==> flow/design.v <==
module rf_blk #(
   parameter NREGS = 40,
   parameter DW = 16,
   parameter ADDR_WIDTH = $clog2(NREGS),
   parameter GROUPS = DW / 8
) (
   input  wire core_clk,
   input  wire clr,
   input  wire [GROUPS-1:0] wstrb_in,
   input  wire [ADDR_WIDTH-1:0] wr_addr_in,
   input  wire [DW-1:0] din_in,
   input  wire [ADDR_WIDTH-1:0] rd_idx_in,
   output wire [DW-1:0] q_out
);
   reg [GROUPS-1:0] wstrb_s;
   reg [ADDR_WIDTH-1:0] wr_addr_s;
   reg [DW-1:0] din_s;
   always @(posedge core_clk or posedge clr) begin
      if (clr) begin
         wstrb_s <= 0;
         wr_addr_s <= 0;
         din_s <= 0;
      end else begin
         wstrb_s <= wstrb_in;
         wr_addr_s <= wr_addr_in;
         din_s <= din_in;
      end
   end
   reg [DW-1:0] ram [NREGS-1:0];
   integer idx;
   always @(posedge core_clk) begin
      for (idx = 0; idx < GROUPS; idx = idx + 1)
         if (wstrb_s[idx]) ram[wr_addr_s][8*idx +: 8] <= din_s[8*idx +: 8];
   end
   reg [ADDR_WIDTH-1:0] rd_idx_s;
   always @(posedge core_clk or posedge clr) begin
      if (clr) begin
         rd_idx_s <= 0;
      end else begin
         rd_idx_s <= rd_idx_in;
      end
   end
   assign q_out = ram[rd_idx_s];
endmodule
# Reports on rf_blk
# Tool output for the design above, in the order of the flow.
# Line numbers count from 1 in the design file above.
# Cell names lack the library's common part.
# Not given: n/a
dict set report design {
  top_module {rf_blk}
  clk_port {core_clk}
  lib {sky130hd}
  lib_corner {tt_025C_1v80}
}

# Elaborated design
# Counts by Yosys on the flattened word-level netlist (proc, flatten, opt, wreduce; memories kept). Register bits leave out memories and registers merged into their read ports (data or address); mux counts leave out enables and synchronous resets folded into registers. Print and check cells are left out. Cells with the same type and inputs are merged into one.
# Yosys's memory passes give these memory sizes; they may raise the number of words (mostly to a power of two), join words into wider ones and drop unused or constant bits.
dict set report word_totals {
  register_bits 30
  ram_bits 640
  mem_count 1
  output_inout_bits 16
  wordCells 9
}
dict set report op_classes {
  mux 4
}
# name words word_bits read_ports write_ports line_no
set memory_table {}
lappend memory_table {ram 40 16 1 1 29} ;# reg [DW-1:0] ram [NREGS-1:0];
# op count
set ops {}
lappend ops {{2-to-1 mux 16 bit} 2}
lappend ops {{2-to-1 mux 1 bit} 2}

# Longest topological paths
# Depth = most cells in a row (Yosys ltp): at word level without a register or memory, in the mapped netlist without a sequential cell, where the memories' decode and read muxes count.
dict set report depth {
  ltp_word 1
  abc_area 0
  depth_mapped 8
  depth_no_buf 5
}

# After synthesis
# The flow's flattened synthesis, as Yosys stat reports it; memories are mapped. The netlist is that of the ABC_AREA named above (0 if unset); the other value can give another one.
# Totals and module areas in this step are rounded.
# type count
set by_type {}
lappend by_type {edfxtp_1 640}
lappend by_type {mux2i_1 256}
lappend by_type {dfrtp_1 30}
lappend by_type {mux4_2 32}
lappend by_type {a22oi_1 64}
lappend by_type {nor2_1 82}
lappend by_type {a22o_1 32}
lappend by_type {a221oi_2 18}
lappend by_type {o41ai_2 16}
lappend by_type {buf_6 21}
lappend by_type {mux2_2 16}
lappend by_type {a21oi_1 32}
lappend by_type {buf_4 18}
lappend by_type {a221oi_1 14}
lappend by_type {clkbuf_1 27}
lappend by_type {o22ai_1 16}
lappend by_type {nand2_1 24}
lappend by_type {buf_2 10}
# Other cell types: 11; their cells: 28.
dict set report mapped {
  mapped_cells 1376
  yosys_area_um2 26200
  seq_area_um2 20000
  ffs 670
  buf_cells 81
}

# Path before layout
# Source: OpenSTA report_checks on the synthesized netlist (no wires, ideal clock, input and output delay 20% of the period each), path of least setup slack; recovery checks are left aside. Register names are those of the netlist, which keeps one name where synthesis merged equal registers.
dict set report synth_path {
  path_type {register -> output}
  startpoint {register rd_idx_s[2]}
  endpoint {output port q_out[11]}
  tclk_ns 2.8
  out_delay_ns 0.560
  launch_ns 0.000
  arrival_time_ns 1.791
  slack_ns 0.449
  delay_ns 1.791
  driving_pins 9
  path_buffers 3
  period_less_setup_slack_ns 2.351
}
# "delay_ns" = arrival - input delay + setup time.
# A path that ends at an output port has no setup time.
# "driving_pins" counts driving pins, that of a launching flip-flop among them; a cell with two outputs on the path counts twice.
# "period_less_setup_slack_ns" = period - worst setup slack (recovery checks aside). The figure is calculated, with input and output delays left at 20% of the set period.
# The rows between start and end are the longest chain of elaborated cells between them; the timing report does not say that the signal goes this way. Where chains are equally long, one stands for them.
# Each line given opens the expression or statement behind the cell; cells for indexed reads and writes are added by Yosys, which also makes memories of some case tables.
# A memory read counts as a cell of the chain, while the word-level depth stops at memories.
dict set report synth_between {
  cell_sequence {dfrtp_1 -> buf_6 -> nor2b_1 -> buf_4 -> buf_6 -> a22o_1 -> a221oi_2 -> o22ai_1 -> o41ai_2}
  elab_chain_cells 1
  cells_between 1
  cone_lines 1
  classes_between {memory (1)}
}
# element line_no
set synth_lines {}
lappend synth_lines {{start, declared} 35} ;# reg [ADDR_WIDTH-1:0] rd_idx_s;
lappend synth_lines {{start, assigned} 38} ;# rd_idx_s <= 0;
lappend synth_lines {{start, assigned} 40} ;# rd_idx_s <= rd_idx_in;
lappend synth_lines {{memory read (40 x 16 bit)} 29} ;# reg [DW-1:0] ram [NREGS-1:0];
lappend synth_lines {{end, declared} 13} ;# output wire [DW-1:0] q_out

# Timing after layout
# From the final timing report of flow run A: the path of least setup slack in the routed layout; clock arrival at registers is part of the times.
dict set report layout_path {
  path_type {register -> output}
  startpoint {register rd_idx_s[0]}
  endpoint {output port q_out[15]}
  tclk_ns 2.8
  out_delay_ns 0.56
  launch_ns 0.59
  arrival_time_ns 2.95
  slack_ns -0.71
  driving_pins 10
  path_buffers 5
}
# The rows between start and end are the longest chain of elaborated cells between them; the timing report does not say that the signal goes this way. Where chains are equally long, one stands for them.
# A memory read counts as a cell of the chain, while the word-level depth stops at memories.
dict set report layout_between {
  cell_sequence {dfrtp_4 -> buf_12 -> buf_16 -> buf_12 -> buf_8 -> mux2i_1 -> a22oi_2 -> a21oi_2 -> o41ai_4 -> buf_6}
  elab_chain_cells 1
  cells_between 1
  cone_lines 1
  classes_between {memory (1)}
}
# element line_no
set layout_lines {}
lappend layout_lines {{start, declared} 35} ;# reg [ADDR_WIDTH-1:0] rd_idx_s;
lappend layout_lines {{start, assigned} 38} ;# rd_idx_s <= 0;
lappend layout_lines {{start, assigned} 40} ;# rd_idx_s <= rd_idx_in;
lappend layout_lines {{memory read (40 x 16 bit)} 29} ;# reg [DW-1:0] ram [NREGS-1:0];
lappend layout_lines {{end, declared} 13} ;# output wire [DW-1:0] q_out

# 3 stored runs of rf_blk in the flow (synthesis by Yosys, layout by OpenROAD, sky130hd cells), in arbitrary order. Constraints: input delay and output delay 20% of the set period each, output load 0.01 pF.
# "period_less_ws_ns" = clock period - worst setup slack. The figure is calculated, with input and output delays left at 20% of the set period.
# "critical_path_time_ns": the worst setup path's part of the clock period (all of it between registers, 20% less for each end at a port) less its slack. A launch clock that arrives late makes it longer, a capture clock that arrives late makes it shorter.
# "design_power_mw" rests on the timing tool's default activity at the inputs, not on a simulated workload.
# The results are shown rounded.
run="flow run A" settings period_ns=2.8 CAP_MARGIN=20 CORE_MARGIN=2 CORE_UTILIZATION=40 SLEW_MARGIN=20
run="flow run A" results synth_area_um2=26200 die_footprint_um2=67500 finish.stdcell_area_um2=32200 final_util_pct=49.9 worst_setup_slack_ns=-0.708 fin_tns_ns=-10.0 design_power_mw=21.2 period_less_ws_ns=3.508 critical_path_time_ns=2.95 worst_path_kind="register -> output"
run="flow run B" settings period_ns=1.45 CORE_UTILIZATION=27 PLACE_DENSITY_LB_ADDON=0.07 CORE_ASPECT_RATIO=1.58 CELL_PAD_IN_SITES_GLOBAL_PLACEMENT=3 CELL_PAD_IN_SITES_DETAIL_PLACEMENT=0 ABC_AREA=0 SLEW_MARGIN=30 CAP_MARGIN=20 CORE_MARGIN=2
run="flow run B" results synth_area_um2=26200 die_footprint_um2=99600 finish.stdcell_area_um2=35600 final_util_pct=37.1 worst_setup_slack_ns=-1.85 fin_tns_ns=-123 design_power_mw=43.0 period_less_ws_ns=3.298 critical_path_time_ns=3.01 worst_path_kind="register -> output"
run="flow run C" settings period_ns=1.65 CORE_UTILIZATION=50 SETUP_SLACK_MARGIN=0.46 PLACE_DENSITY=0.63 TNS_END_PERCENT=25 GPL_TIMING_DRIVEN=1 MAX_ROUTING_LAYER="met5" CAP_MARGIN=20 CORE_MARGIN=2 SLEW_MARGIN=20
run="flow run C" results synth_area_um2=26200 die_footprint_um2=54200 finish.stdcell_area_um2=33500 final_util_pct=65.1 worst_setup_slack_ns=-1.61 fin_tns_ns=-24.1 design_power_mw=36.1 period_less_ws_ns=3.260 critical_path_time_ns=2.93 worst_path_kind="register -> output"
